==> flow/design.v <==
module subtractor_stage #(
   parameter BITS = 128
) (
   input wire sys_clk,
   input wire [BITS-1:0] dataa,
   input wire [BITS-1:0] datab,
   input wire subtract,
   output reg [BITS-1:0] result,
   output reg cout
);
   reg [BITS-1:0] dataa_d1;
   always @(posedge sys_clk) begin
      dataa_d1 <= dataa;
   end
   reg [BITS-1:0] datab_d1;
   always @(posedge sys_clk) begin
      datab_d1 <= datab;
   end
   reg subtract_d1;
   always @(posedge sys_clk) begin
      subtract_d1 <= subtract;
   end
   wire [BITS-1:0] aux;
   assign aux = datab_d1 ^ {BITS{subtract_d1}};
   wire [BITS:0] cur;
   assign cur = dataa_d1 + aux + subtract_d1;
   always @(posedge sys_clk) begin
      result <= cur[BITS-1:0];
   end
   always @(posedge sys_clk) begin
      cout <= cur[BITS];
   end
endmodule
* Reports on subtractor_stage
What the tools print for subtractor_stage, step after step. Line numbers count from 1 in the design file above. Cell names lack the library's common part. A cell with n/a has no value.
Inputs: design top subtractor_stage, clock input sys_clk, library sky130hd, corner tt_025C_1v80

* Elaborated design
Source: Yosys, flattened and elaborated, memories not mapped. Widths are those after wreduce; folded enables and synchronous resets count as part of the registers. Registers that Yosys merges into a memory's read port (data or address) are not register bits. Print and check cells do not count. Equal cells are merged and count once.
Operators by class: bitwise gates (word level) 1, add/sub/neg operators 2
Operators by type and width (count):
- adder 128 x 128 -> 129 bit | 1
- adder 129 x 1 -> 129 bit | 1
- XOR 128 bit | 1
Word-level totals: output and inout bits 129, cells after elaboration 8, register bits after elaboration 386, input port bits 258

* Logic depth
Depth = most cells in a row (Yosys ltp): at word level without a register or memory, in the mapped netlist without a sequential cell, where the memories' decode and read muxes count.
Depth: word-level depth 3, ABC_AREA 0, depth in mapped cells 17, gate-level depth less buffers 14

* Netlist
The flow's flattened synthesis, as Yosys stat reports it; memories are mapped. The netlist is that of the ABC_AREA named above (0 if unset); the other value can give another one.
Cells by type:
- dfxtp_1 | count 386, area in all 7.73E+03 µm²
- ha_1 | count 141, area in all 1.76E+03 µm²
- xor2_1 | count 175, area in all 1532.72 µm²
- a21oi_1 | count 192, area in all 960.922 µm²
- xnor2_1 | count 73, area in all 639.363 µm²
- a21o_1 | count 77, area in all 578.054 µm²
- nand2_1 | count 145, area in all 544.272 µm²
- o21ai_0 | count 94, area in all 470.451 µm²
- nor2_1 | count 109, area in all 409.142 µm²
- nand4_1 | count 65, area in all 406.64 µm²
- o21bai_1 | count 37, area in all 277.766 µm²
- clkbuf_1 | count 50, area in all 187.68 µm²
- nor3_1 | count 29, area in all 145.139 µm²
- inv_1 | count 38, area in all 142.637 µm²
- o21a_1 | count 19, area in all 142.637 µm²
- buf_2 | count 17, area in all 85.082 µm²
- a211oi_1 | count 10, area in all 75.072 µm²
- a221oi_1 | count 8, area in all 70.067 µm²
Other cell types: 56; their cells: 173.
Synthesis totals: sequential area 7727.4 µm², mapped flip-flops 386, standard cells after synthesis 1838, chip area (Yosys) 17548.1 µm², buffer cells 79

* Worst setup path after synthesis
Path of least setup slack by OpenSTA after synthesis, without wires, with an ideal clock, recovery checks aside; 20% of the period is set as input and as output delay. Where synthesis merged equal registers, the netlist keeps one of their names.
Timing after synthesis: kind reg-to-reg, start point register subtract_d1, end point register result[116], setup time 0.091 ns, arrival 4.088 ns, buffers on the path 3, slack 1.041 ns, clock period 5.22 ns, required time 5.129 ns, stages on the path 17, delay of the path 4.179 ns, launch time at the first pin 0.000 ns, period reached after synthesis 4.179 ns
"delay of the path" is the arrival time less input delay plus setup time. "stages on the path": output pins that drive a net of the path, with the launching flip-flop's if there is one; two outputs of one cell count as two. "period reached after synthesis" = period - worst setup slack (recovery checks aside). The figure is calculated, with input and output delays left at 20% of the set period. Between the ends stands the longest chain of elaborated cells between them, by number of cells; it is not shown to be the way that was timed. Of several equally long chains one is given. A line is the first line of the expression or statement that the cell stems from. Yosys adds cells for indexed reads and writes and turns some case tables into memories.
On the way, after synthesis: cells stage by stage dfxtp_1 -> clkbuf_1 -> buf_1 -> clkbuf_1 -> xor2_1 -> ha_1 -> a21oi_2 -> nand2_1 -> o31ai_1 -> a21oi_1 -> o31ai_2 -> a311oi_2 -> nor3_2 -> o41ai_4 -> a211o_1 -> and2_1 -> a311oi_1, cells in the longest elaborated chain 3, elaborated cells between the ends (all ways) 3, RTL lines with such cells 2, those cells by class add/sub: 2; logic: 1
Ends and longest elaborated chain, after synthesis:
- from (decl) | line 19 | reg subtract_d1;
- from (assign) | line 21 | subtract_d1 <= subtract;
- XOR 128 bit | line 24 | assign aux = datab_d1 ^ {BITS{subtract_d1}};
- adder 128 x 128 -> 129 bit | line 26 | assign cur = dataa_d1 + aux + subtract_d1;
- adder 129 x 1 -> 129 bit | line 26
- to (assign) | line 28 | result <= cur[BITS-1:0];
- to (decl) | line 8 | output reg [BITS-1:0] result,

* Worst path after layout
Path of least setup slack in the final report of flow run A (OpenROAD, finished layout, wires in). Where an end is a register, its clock arrival counts in the times.
Timing post-layout: kind reg-to-reg, start point register subtract_d1, end point register result[122], launch time at the first pin 0.56 ns, required time 6.32 ns, arrival 5.76 ns, slack 0.56 ns, buffers on the path 1, clock period 5.91 ns, setup time 0.14 ns, stages on the path 15
Between the ends stands the longest chain of elaborated cells between them, by number of cells; it is not shown to be the way that was timed. Of several equally long chains one is given.
On the way, post-layout: cells stage by stage dfxtp_4 -> buf_4 -> xor2_1 -> ha_1 -> nand2_1 -> nor2_1 -> nand2_1 -> or4_1 -> a211oi_1 -> o211ai_1 -> a211oi_1 -> o21ai_1 -> nand2_1 -> a211oi_1 -> a311oi_1, cells in the longest elaborated chain 3, elaborated cells between the ends (all ways) 3, RTL lines with such cells 2, those cells by class add/sub: 2; logic: 1
Ends and longest elaborated chain, post-layout:
- from (decl) | line 19 | reg subtract_d1;
- from (assign) | line 21 | subtract_d1 <= subtract;
- XOR 128 bit | line 24 | assign aux = datab_d1 ^ {BITS{subtract_d1}};
- adder 128 x 128 -> 129 bit | line 26 | assign cur = dataa_d1 + aux + subtract_d1;
- adder 129 x 1 -> 129 bit | line 26
- to (assign) | line 28 | result <= cur[BITS-1:0];
- to (decl) | line 8 | output reg [BITS-1:0] result,

Lab notebook: subtractor_stage

Record of 3 stored runs of the RTL-to-layout flow on subtractor_stage, platform sky130hd. The runs are unordered. Constraints: input delay and output delay 20% of the set period each, output load 0.01 pF.
"period achieved" = clock period - worst setup slack. The figure is calculated, with input and output delays left at 20% of the set period.
"time used up by the worst setup path" is the time allowed to the run's worst setup path (the clock period less input and output delay, where it has them) less its slack. Clock arrival times count: a late capture clock shortens it, a late launch clock lengthens it.
"total power after layout" rests on the timing tool's default activity at the inputs, not on a simulated workload.

* Flow run A | settings: period_ns 5.91; CORE_UTILIZATION 30; PLACE_DENSITY_LB_ADDON 0.14; CORE_MARGIN 4; CELL_PAD_IN_SITES_GLOBAL_PLACEMENT 2; TNS_END_PERCENT 70; GPL_ROUTABILITY_DRIVEN 1; CTS_CLUSTER_SIZE 63; CAP_MARGIN 20; SLEW_MARGIN 20 | results: mapped cell area after synthesis 17548.1 µm²; area of the die 62427.5 µm²; standard-cell area after layout 23566.4 µm²; utilization after layout 40.8%; worst slack on setup checks 0.564 ns; sum of negative setup slack 0.000 ns; worst hold slack in the final report 0.456 ns; total power after layout 8.600 mW; period achieved 5.346 ns; time used up by the worst setup path 5.35 ns; type of the worst setup path reg-to-reg
* Flow run B | settings: period_ns 2.68; CORE_UTILIZATION 62; SETUP_SLACK_MARGIN 0.05; PLACE_DENSITY 0.53; CORE_ASPECT_RATIO 1.52; CORE_MARGIN 8; CELL_PAD_IN_SITES_GLOBAL_PLACEMENT 2; GPL_TIMING_DRIVEN 0; CTS_CLUSTER_DIAMETER 329; MIN_ROUTING_LAYER met2; CAP_MARGIN 20; SLEW_MARGIN 20 | stopped before the end: placement reported GPL-0301
* Flow run C | settings: period_ns 5.22; CAP_MARGIN 20; CORE_MARGIN 2; CORE_UTILIZATION 40; SLEW_MARGIN 20 | results: mapped cell area after synthesis 17548.1 µm²; area of the die 45560.9 µm²; standard-cell area after layout 23333.6 µm²; utilization after layout 54.0%; worst slack on setup checks 0.558 ns; sum of negative setup slack 0.000 ns; worst hold slack in the final report 0.459 ns; total power after layout 9.712 mW; period achieved 4.662 ns; time used up by the worst setup path 4.66 ns; type of the worst setup path reg-to-reg
